==> flow/design.v <==
module gen_comparator #(
    parameter XLEN = 40,
    parameter LANES = 12
) (
    input  wire CLK,
    input  wire rst_n,
    input  wire enable,
    input  wire [LANES*XLEN-1:0] d,
    output wire [XLEN-1:0] hi
);
    reg [LANES*XLEN-1:0] d_ff;
    always @(posedge CLK or negedge rst_n) begin
        if (!rst_n) begin
            d_ff <= 0;
        end else if (enable) begin
            d_ff <= d;
        end
    end
    reg [XLEN-1:0] cur;
    integer k;
    always @* begin
        cur = d_ff[XLEN-1:0];
        for (k = 1; k < LANES; k = k + 1)
            if (d_ff[k*XLEN +: XLEN] > cur) cur = d_ff[k*XLEN +: XLEN];
    end
    reg [XLEN-1:0] hi_ff;
    always @(posedge CLK or negedge rst_n) begin
        if (!rst_n) begin
            hi_ff <= 0;
        end else if (enable) begin
            hi_ff <= cur;
        end
    end
    assign hi = hi_ff;
endmodule
* Tool chain data of gen_comparator
Tool output for the design above, in the order of the flow.
Line numbers count from 1 in the design file above.
Cell names lack the library's common part.
A cell with -- has no value.
- Design top :: gen_comparator
- Clock input :: CLK
- Standard-cell library :: sky130hd
- Corner :: tt_025C_1v80

* Word-level counts
Source: Yosys, flattened and elaborated, memories not mapped. Widths are those after wreduce; folded enables and synchronous resets count as part of the registers. Registers that Yosys merges into a memory's read port (data or address) are not register bits. Print and check cells do not count. Equal cells are merged and count once.
- Register bits :: 520
- Output and inout port bits :: 40
- Input bits :: 483
- Mux-type cells :: 11
- Magnitude comparators :: 11
** Operators with widths (number)
- 40-bit > comparator :: 11
- 40-bit 2-to-1 mux :: 11

* Depth
Longest topological path by Yosys (ltp), each cell counted once; first at word level (registers and memories cut), then after technology mapping (sequential cells cut; the memories' decode and read muxes count).
- Depth after elaboration :: 22
- ABC_AREA :: 0
- Depth in mapped cells :: 190
- Depth with buffers taken out :: 171

* Mapped cells and area
Source: synth_stat.txt of the flow (Yosys; design flattened, memories mapped). It holds for the ABC_AREA given above (unset counts as 0); a run with the other value may have another netlist.
** Cells by type
- dfrtp_1 :: number 520, area in all 1.3E+04 um^2
- mux2_2 :: number 517, area in all 5.82E+03 um^2
- ha_1 :: number 424, area in all 5.31E+03 um^2
- o21ai_0 :: number 253, area in all 1.27E+03 um^2
- inv_1 :: number 326, area in all 1.22E+03 um^2
- a21oi_1 :: number 203, area in all 1.02E+03 um^2
- nand2_1 :: number 227, area in all 852.067 um^2
- a21o_1 :: number 103, area in all 773.242 um^2
- nand4_1 :: number 86, area in all 538.016 um^2
- nor2b_1 :: number 85, area in all 531.76 um^2
- nor2_1 :: number 137, area in all 514.243 um^2
- mux2i_1 :: number 48, area in all 480.461 um^2
- clkbuf_1 :: number 125, area in all 469.2 um^2
- o31ai_1 :: number 44, area in all 330.317 um^2
- mux2_4 :: number 21, area in all 315.302 um^2
- o21bai_1 :: number 40, area in all 300.288 um^2
- nand2b_1 :: number 45, area in all 281.52 um^2
- a21boi_1 :: number 37, area in all 277.766 um^2
Other cell types: 69; their cells: 379.
- Flip-flop cells :: 520
- Sequential area :: 13012.5 um^2
- Cell area after synthesis :: 36082.1 um^2
- Mapped cells :: 3620
- Buffers :: 163

* Worst setup path after synthesis
Source: OpenSTA report_checks on the synthesized netlist (no wires, ideal clock, input and output delay 20% of the period each), path of least setup slack; recovery checks are left aside. Register names are those of the netlist, which keeps one name where synthesis merged equal registers.
- Kind :: reg-to-reg
- Start point :: register d_ff[75]
- End point :: register hi_ff[39]
- Path buffers :: 19
- Driving pins on the path :: 175
- Path delay :: 29.786 ns
- Clock period :: 37.2 ns
- Arrival :: 29.703 ns
- Time at the first pin :: 0.000 ns
- Path slack :: 7.415 ns
- Period reached after synthesis :: 29.785 ns
"path delay" is the arrival time less input delay plus setup time.
"driving pins on the path": output pins that drive a net of the path, with the launching flip-flop's if there is one; two outputs of one cell count as two.
"period reached after synthesis" is the clock period less the worst setup slack; recovery checks do not enter. This is arithmetic on one report: input and output delays are still those of the set period (20% each).
The rows between start and end are the longest chain of elaborated cells between them; the timing report does not say that the signal goes this way. Where chains are equally long, one stands for them.
A line is the first line of the expression or statement that the cell stems from. Yosys adds cells for indexed reads and writes and turns some case tables into memories.
- Path through :: dfrtp_1 -> ha_1 -> nand4_2 -> nor4_4 -> inv_1 -> a31oi_1 -> or3_1 -> and2_1 -> clkbuf_1 -> buf_1 -> nor2_1 -> a21oi_1 -> ha_1 -> a211o_1 -> a21oi_1 -> a21o_1 -> a31oi_1 -> a211oi_1 -> (+139 left out) -> ha_1 -> nor2b_1 -> o21a_1 -> o21ai_0 -> nand2b_1 -> a21oi_1 -> nor2b_1 -> o21ai_0 -> nand2b_1 -> a21oi_1 -> o31ai_1 -> a211o_1 -> a221oi_1 -> a31oi_1 -> nor2b_1 -> clkbuf_1 -> o31ai_1 -> o21ai_0
- Length of the longest elaborated chain :: 22
- Elaborated cells on any way between the ends :: 22
** RTL lines, path post-synthesis
- from (decl) :: line 11 : reg [LANES*XLEN-1:0] d_ff;
- from (assign) :: line 14 : d_ff <= 0;
- from (assign) :: line 16 : d_ff <= d;
- 40-bit > comparator :: line 24 : if (d_ff[k*XLEN +: XLEN] > cur) cur = d_ff[k*XLEN +: XLEN];
- 40-bit 2-to-1 mux :: line 24
- 40-bit > comparator :: line 24
- 40-bit 2-to-1 mux :: line 24
- 40-bit > comparator :: line 24
- 40-bit 2-to-1 mux :: line 24
- 40-bit > comparator :: line 24
- (+8 left out)
- 40-bit 2-to-1 mux :: line 24
- 40-bit > comparator :: line 24
- 40-bit 2-to-1 mux :: line 24
- 40-bit > comparator :: line 24
- 40-bit 2-to-1 mux :: line 24
- 40-bit > comparator :: line 24
- 40-bit 2-to-1 mux :: line 24
- to (assign) :: line 29 : hi_ff <= 0;
- to (assign) :: line 31 : hi_ff <= cur;
- to (decl) :: line 26 : reg [XLEN-1:0] hi_ff;

* Path in the finished layout
Path of least setup slack in the final report of run 2 (OpenROAD, finished layout, wires in). Where an end is a register, its clock arrival counts in the times.
- Kind :: reg-to-reg
- Start point :: register d_ff[75]
- End point :: register hi_ff[15]
- Time at the first pin :: 0.63 ns
- Clock period :: 37.2 ns
- Path buffers :: 6
- Path slack :: 2.75 ns
- Driving pins on the path :: 154
- Arrival :: 35.03 ns
The rows between start and end are the longest chain of elaborated cells between them; the timing report does not say that the signal goes this way. Where chains are equally long, one stands for them.
- Path through :: dfrtp_1 -> ha_1 -> nand4_2 -> nor4_2 -> o311a_1 -> or3_1 -> and2_2 -> nor2_1 -> a21oi_1 -> ha_1 -> nand4_1 -> nor4_1 -> nand2_1 -> or4_1 -> nor2_1 -> mux2_2 -> or3_4 -> nor2_1 -> (+118 left out) -> ha_1 -> nor2b_1 -> o21a_1 -> o21ai_0 -> nand2b_1 -> a21oi_1 -> nor2b_1 -> o21ai_0 -> nand2b_1 -> a21oi_1 -> o31ai_1 -> a211o_1 -> a221oi_1 -> a31oi_4 -> nor2b_2 -> buf_4 -> o31ai_1 -> o21ai_1
- Length of the longest elaborated chain :: 22
- Elaborated cells on any way between the ends :: 22
** RTL lines, path post-layout
- from (decl) :: line 11 : reg [LANES*XLEN-1:0] d_ff;
- from (assign) :: line 14 : d_ff <= 0;
- from (assign) :: line 16 : d_ff <= d;
- 40-bit > comparator :: line 24 : if (d_ff[k*XLEN +: XLEN] > cur) cur = d_ff[k*XLEN +: XLEN];
- 40-bit 2-to-1 mux :: line 24
- 40-bit > comparator :: line 24
- 40-bit 2-to-1 mux :: line 24
- 40-bit > comparator :: line 24
- 40-bit 2-to-1 mux :: line 24
- 40-bit > comparator :: line 24
- (+8 left out)
- 40-bit 2-to-1 mux :: line 24
- 40-bit > comparator :: line 24
- 40-bit 2-to-1 mux :: line 24
- 40-bit > comparator :: line 24
- 40-bit 2-to-1 mux :: line 24
- 40-bit > comparator :: line 24
- 40-bit 2-to-1 mux :: line 24
- to (assign) :: line 29 : hi_ff <= 0;
- to (assign) :: line 31 : hi_ff <= cur;
- to (decl) :: line 26 : reg [XLEN-1:0] hi_ff;

FLOW RESULTS
============

Below are 2 stored runs of the flow (Yosys, OpenROAD; platform sky130hd) on gen_comparator, each with its settings and what was measured, unordered. Constraints: input delay and output delay 20% of the set period each, output load 0.01 pF.
"period achieved" = clock period - worst setup slack. The figure is calculated, with input and output delays left at 20% of the set period.
By "time on the worst setup path" is meant the share of the clock period that the worst setup path is allowed (20% is reserved at inputs, 20% at outputs), minus its slack. Clock arrival times at its registers enter into it.

* Run 1
** Files
==> flow/run.sh <==
#!/bin/bash
# the make line also repeats the synthesis and layout settings of config.mk as NAME=value (left out here)
make -C /OpenROAD-flow-scripts/flow DESIGN_CONFIG=/design/flow/config.mk WORK_HOME=/design/flow/orfs CLKGATE_MAP_FILE= finish
==> flow/config.mk <==
export PLATFORM = sky130hd
export DESIGN_NAME = gen_comparator
export DESIGN_NICKNAME = gen_comparator
export VERILOG_FILES = /design/flow/design.v
export SDC_FILE = /design/flow/constraint.sdc
export NUM_CORES = 4
export LEC_CHECK = 0
export CAP_MARGIN = 15
export CELL_PAD_IN_SITES_DETAIL_PLACEMENT = 2
export CORE_MARGIN = 2
export CORE_UTILIZATION = 69
export GPL_TIMING_DRIVEN = 0
export MAX_ROUTING_LAYER = met4
export PLACE_DENSITY_LB_ADDON = 0.1
export SETUP_SLACK_MARGIN = 5.0
export SLEW_MARGIN = 40
export TNS_END_PERCENT = 75
==> flow/constraint.sdc <==
create_clock -name core_clock -period 23.4 [get_ports {CLK}]
set_input_delay 4.6800 -clock core_clock [delete_from_list [all_inputs] [get_ports {CLK}]]
set_output_delay 4.6800 -clock core_clock [all_outputs]
set_load 0.01 [all_outputs]
** Results
Incomplete, placement halted on a tool error.

* Run 2
** Files
==> flow/run.sh <==
#!/bin/bash
# the make line also repeats the synthesis and layout settings of config.mk as NAME=value (left out here)
make -C /OpenROAD-flow-scripts/flow DESIGN_CONFIG=/design/flow/config.mk WORK_HOME=/design/flow/orfs CLKGATE_MAP_FILE= finish
==> flow/config.mk <==
export PLATFORM = sky130hd
export DESIGN_NAME = gen_comparator
export DESIGN_NICKNAME = gen_comparator
export VERILOG_FILES = /design/flow/design.v
export SDC_FILE = /design/flow/constraint.sdc
export NUM_CORES = 4
export LEC_CHECK = 0
export CAP_MARGIN = 20
export CORE_MARGIN = 2
export CORE_UTILIZATION = 40
export SLEW_MARGIN = 20
==> flow/constraint.sdc <==
create_clock -name core_clock -period 37.2 [get_ports {CLK}]
set_input_delay 7.4400 -clock core_clock [delete_from_list [all_inputs] [get_ports {CLK}]]
set_output_delay 7.4400 -clock core_clock [all_outputs]
set_load 0.01 [all_outputs]
** Results
- Period achieved :: 34.451 ns
- Smallest hold slack :: 0.529 ns
- Time on the worst setup path :: 34.45 ns
- Worst setup path kind :: reg-to-reg
- Area inside the die boundary :: 92622.8 um^2
- Netlist area reported by Yosys :: 36082.1 um^2
- Summed negative setup slack :: 0.000 ns
- Final design utilization :: 49.8%
- Smallest setup slack :: 2.749 ns
- Standard-cell area after routing :: 44657.8 um^2
